==> flow/design.v <==
module alu_summer_top #(
   parameter int BITS = 14
) (
   input  logic clk,
   input  logic [BITS-1:0] x,
   input  logic [BITS-1:0] y,
   input  logic c0,
   output logic [BITS-1:0] q,
   output logic cout
);
   logic [BITS-1:0] r_x;
   always_ff @(posedge clk) begin
      r_x <= x;
   end
   logic [BITS-1:0] r_y;
   always_ff @(posedge clk) begin
      r_y <= y;
   end
   logic r_c0;
   always_ff @(posedge clk) begin
      r_c0 <= c0;
   end
   logic [BITS:0] r;
   assign r = r_x + r_y + r_c0;
   always_ff @(posedge clk) begin
      q <= r[BITS-1:0];
   end
   always_ff @(posedge clk) begin
      cout <= r[BITS];
   end
endmodule
## From RTL to reports: alu_summer_top

Tool output for the design above, in the order of the flow.
Line numbers count from 1 in the design file above.
Cell names lack the library's common part.
Not given: n/a

| inputs | value |
|---|---|
| top module | alu_summer_top |
| clock port | clk |
| cell library | sky130hd |
| corner | tt_025C_1v80 |

## After elaboration

Yosys after proc, flatten, opt, wreduce and memory -nomap, before mapping. Enables and synchronous resets that opt folds into registers are not counted as muxes. Memory bits, and registers merged into a memory's read port (data or address), are not among the register bits. Print and check cells are not counted. Equal cells are merged and count once.

| word-level totals | value |
|---|---|
| bits in registers | 44 |
| input port bits | 30 |
| output and inout port bits | 15 |
| word-level cells | 7 |

| cells by class | value |
|---|---|
| $add $sub $neg | 2 |

Operators with widths:

| kind | count |
|---|---|
| adder 14 x 14 -> 15 bit | 1 |
| adder 15 x 1 -> 15 bit | 1 |

## Logic depth

Longest topological path by Yosys (ltp), each cell counted once; first at word level (registers and memories cut), then after technology mapping (sequential cells cut; the memories' decode and read muxes count).

| depth | value |
|---|---|
| depth in word-level cells | 2 |
| ABC_AREA | 0 |
| gate-level depth with buffers | 8 |
| mapped depth without buffers | 8 |

## Mapped cells and area

Yosys stat after the flow's synthesis: flattened, memories mapped to cells. It holds for the ABC_AREA given above (unset counts as 0); a run with the other value may have another netlist.
The area totals of this step are shown rounded.

| mapped netlist | value |
|---|---|
| standard cells after synthesis | 126 |
| synthesis area | 1540 um^2 |
| mapped flip-flops | 44 |
| buffer cells | 0 |

Cell types:

| cell type | count | area in all (um^2) |
|---|---|---|
| dfxtp_1 | 44 | 880.845 |
| ha_1 | 13 | 162.656 |
| xnor2_1 | 8 | 70.067 |
| a21oi_1 | 8 | 40.038 |
| fa_1 | 2 | 40.038 |
| a21o_1 | 5 | 37.536 |
| a21oi_2 | 4 | 35.034 |
| xor2_1 | 4 | 35.034 |
| nand2_1 | 5 | 18.768 |
| nand2b_1 | 3 | 18.768 |
| nor2b_1 | 3 | 18.768 |
| a21boi_0 | 2 | 15.014 |
| a311oi_2 | 1 | 15.014 |
| inv_1 | 4 | 15.014 |
| nor2_1 | 4 | 15.014 |
| o2111ai_2 | 1 | 15.014 |
| a311o_1 | 1 | 10.01 |
| and4_2 | 1 | 10.01 |

Not listed: further types 12, cells in them 13.

## Path before layout

Source: OpenSTA report_checks on the synthesized netlist (no wires, ideal clock, input and output delay 20% of the period each), path of least setup slack; recovery checks are left aside. Register names are those of the netlist, which keeps one name where synthesis merged equal registers.

| timing path after synthesis | value |
|---|---|
| path type | reg-to-reg |
| from | register r_x[0] |
| to | register cout |
| period | 2.35 ns |
| setup time | 0.122 ns |
| time at the first pin | 0.000 ns |
| arrival time | 1.758 ns |
| required time | 2.228 ns |
| slack | 0.470 ns |
| path delay | 1.880 ns |
| stages | 9 |
| buffers on the path | 0 |
| synthesis period reached | 1.88 ns |

"path delay" is the arrival time less input delay plus setup time.
"stages": output pins that drive a net of the path, with the launching flip-flop's if there is one; two outputs of one cell count as two.
"synthesis period reached" is the clock period less the worst setup slack; recovery checks do not enter. This is arithmetic on one report: input and output delays are still those of the set period (20% each).
Between the ends stands the longest chain of elaborated cells between them, by number of cells; it is not shown to be the way that was timed. Of several equally long chains one is given.
Each line given opens the expression or statement behind the cell; cells for indexed reads and writes are added by Yosys, which also makes memories of some case tables.

| between the ends, after synthesis | value |
|---|---|
| cells stage by stage | dfxtp_1 > fa_1 > inv_1 > fa_1 > nand2b_1 > a21oi_2 > o2111ai_2 > nand2_1 > a311o_1 |
| length of the longest elaborated chain | 2 |

Ends and longest elaborated chain, after synthesis:

| element | line | RTL |
|---|---|---|
| start, declared | 11 | `logic [BITS-1:0] r_x;` |
| start, assigned | 13 | `r_x <= x;` |
| adder 14 x 14 -> 15 bit | 24 | `assign r = r_x + r_y + r_c0;` |
| adder 15 x 1 -> 15 bit | 24 |  |
| end, assigned | 29 | `cout <= r[BITS];` |
| end, declared | 9 | `output logic cout` |

## Path in the finished layout

From the final timing report of run 1: the path of least setup slack in the routed layout; clock arrival at registers is part of the times.

| timing path post-layout | value |
|---|---|
| path type | reg-to-reg |
| from | register r_x[0] |
| to | register cout |
| period | 2.35 ns |
| setup time | 0.11 ns |
| time at the first pin | 0.28 ns |
| arrival time | 2.18 ns |
| required time | 2.53 ns |
| slack | 0.35 ns |
| stages | 9 |
| buffers on the path | 0 |

Between the ends stands the longest chain of elaborated cells between them, by number of cells; it is not shown to be the way that was timed. Of several equally long chains one is given.

| between the ends, post-layout | value |
|---|---|
| cells stage by stage | dfxtp_1 > fa_1 > inv_1 > fa_1 > nand2b_1 > a21oi_2 > o2111ai_2 > nand2_1 > a311o_1 |
| length of the longest elaborated chain | 2 |

Ends and longest elaborated chain, post-layout:

| element | line | RTL |
|---|---|---|
| start, declared | 11 | `logic [BITS-1:0] r_x;` |
| start, assigned | 13 | `r_x <= x;` |
| adder 14 x 14 -> 15 bit | 24 | `assign r = r_x + r_y + r_c0;` |
| adder 15 x 1 -> 15 bit | 24 |  |
| end, assigned | 29 | `cout <= r[BITS];` |
| end, declared | 9 | `output logic cout` |

--- measured runs ---
Module alu_summer_top, platform sky130hd: 3 stored runs of the flow (Yosys, OpenROAD) with differing settings, in no particular order. Input and output delays are each 20% of the period that was set; the output load is 0.01 pF.
"power consumption" rests on the timing tool's default activity at the inputs, not on a simulated workload.
Measured values are rounded.
Settings: n/a = not set for that run.
Results: n/a = not shown.

| stored run | period_ns | CAP_MARGIN | CORE_MARGIN | CORE_UTILIZATION | SLEW_MARGIN | PLACE_DENSITY_LB_ADDON | HOLD_SLACK_MARGIN | CORE_ASPECT_RATIO | CELL_PAD_IN_SITES_DETAIL_PLACEMENT | TNS_END_PERCENT | CTS_CLUSTER_SIZE | CTS_CLUSTER_DIAMETER | PLACE_DENSITY | CELL_PAD_IN_SITES_GLOBAL_PLACEMENT | ABC_AREA | GPL_ROUTABILITY_DRIVEN | summed negative setup slack (ns) | utilization in the final report (%) | worst-case hold slack (ns) | power consumption (mW) | chip area after synthesis (Yosys) (um^2) | die size (um^2) | setup slack of the critical path (ns) |
|---|---|---|---|---|---|---|---|---|---|---|---|---|---|---|---|---|---|---|---|---|---|---|---|
| run 1 | 2.35 | 20 | 2 | 40 | 20 | n/a | n/a | n/a | n/a | n/a | n/a | n/a | n/a | n/a | n/a | n/a | 0.000 | 57.7 | 0.502 | 1.68 | 1540 | 4360 | 0.346 |
| run 2 | 3.64 | 20 | 2 | 23 | 20 | 0.11 | 0.06 | 1.99 | 2 | 85 | 79 | 288 | n/a | n/a | n/a | n/a | 0.000 | 34.0 | 0.525 | 1.24 | 1540 | 7400 | 1.60 |
| run 3 | 2.74 | 20 | 8 | 62 | 10 | n/a | n/a | n/a | 1 | n/a | n/a | n/a | 0.49 | 1 | 1 | 0 | n/a | n/a | n/a | n/a | n/a | n/a | n/a |

Run 3: not finished: placement ended with error GPL-0301
--- end ---
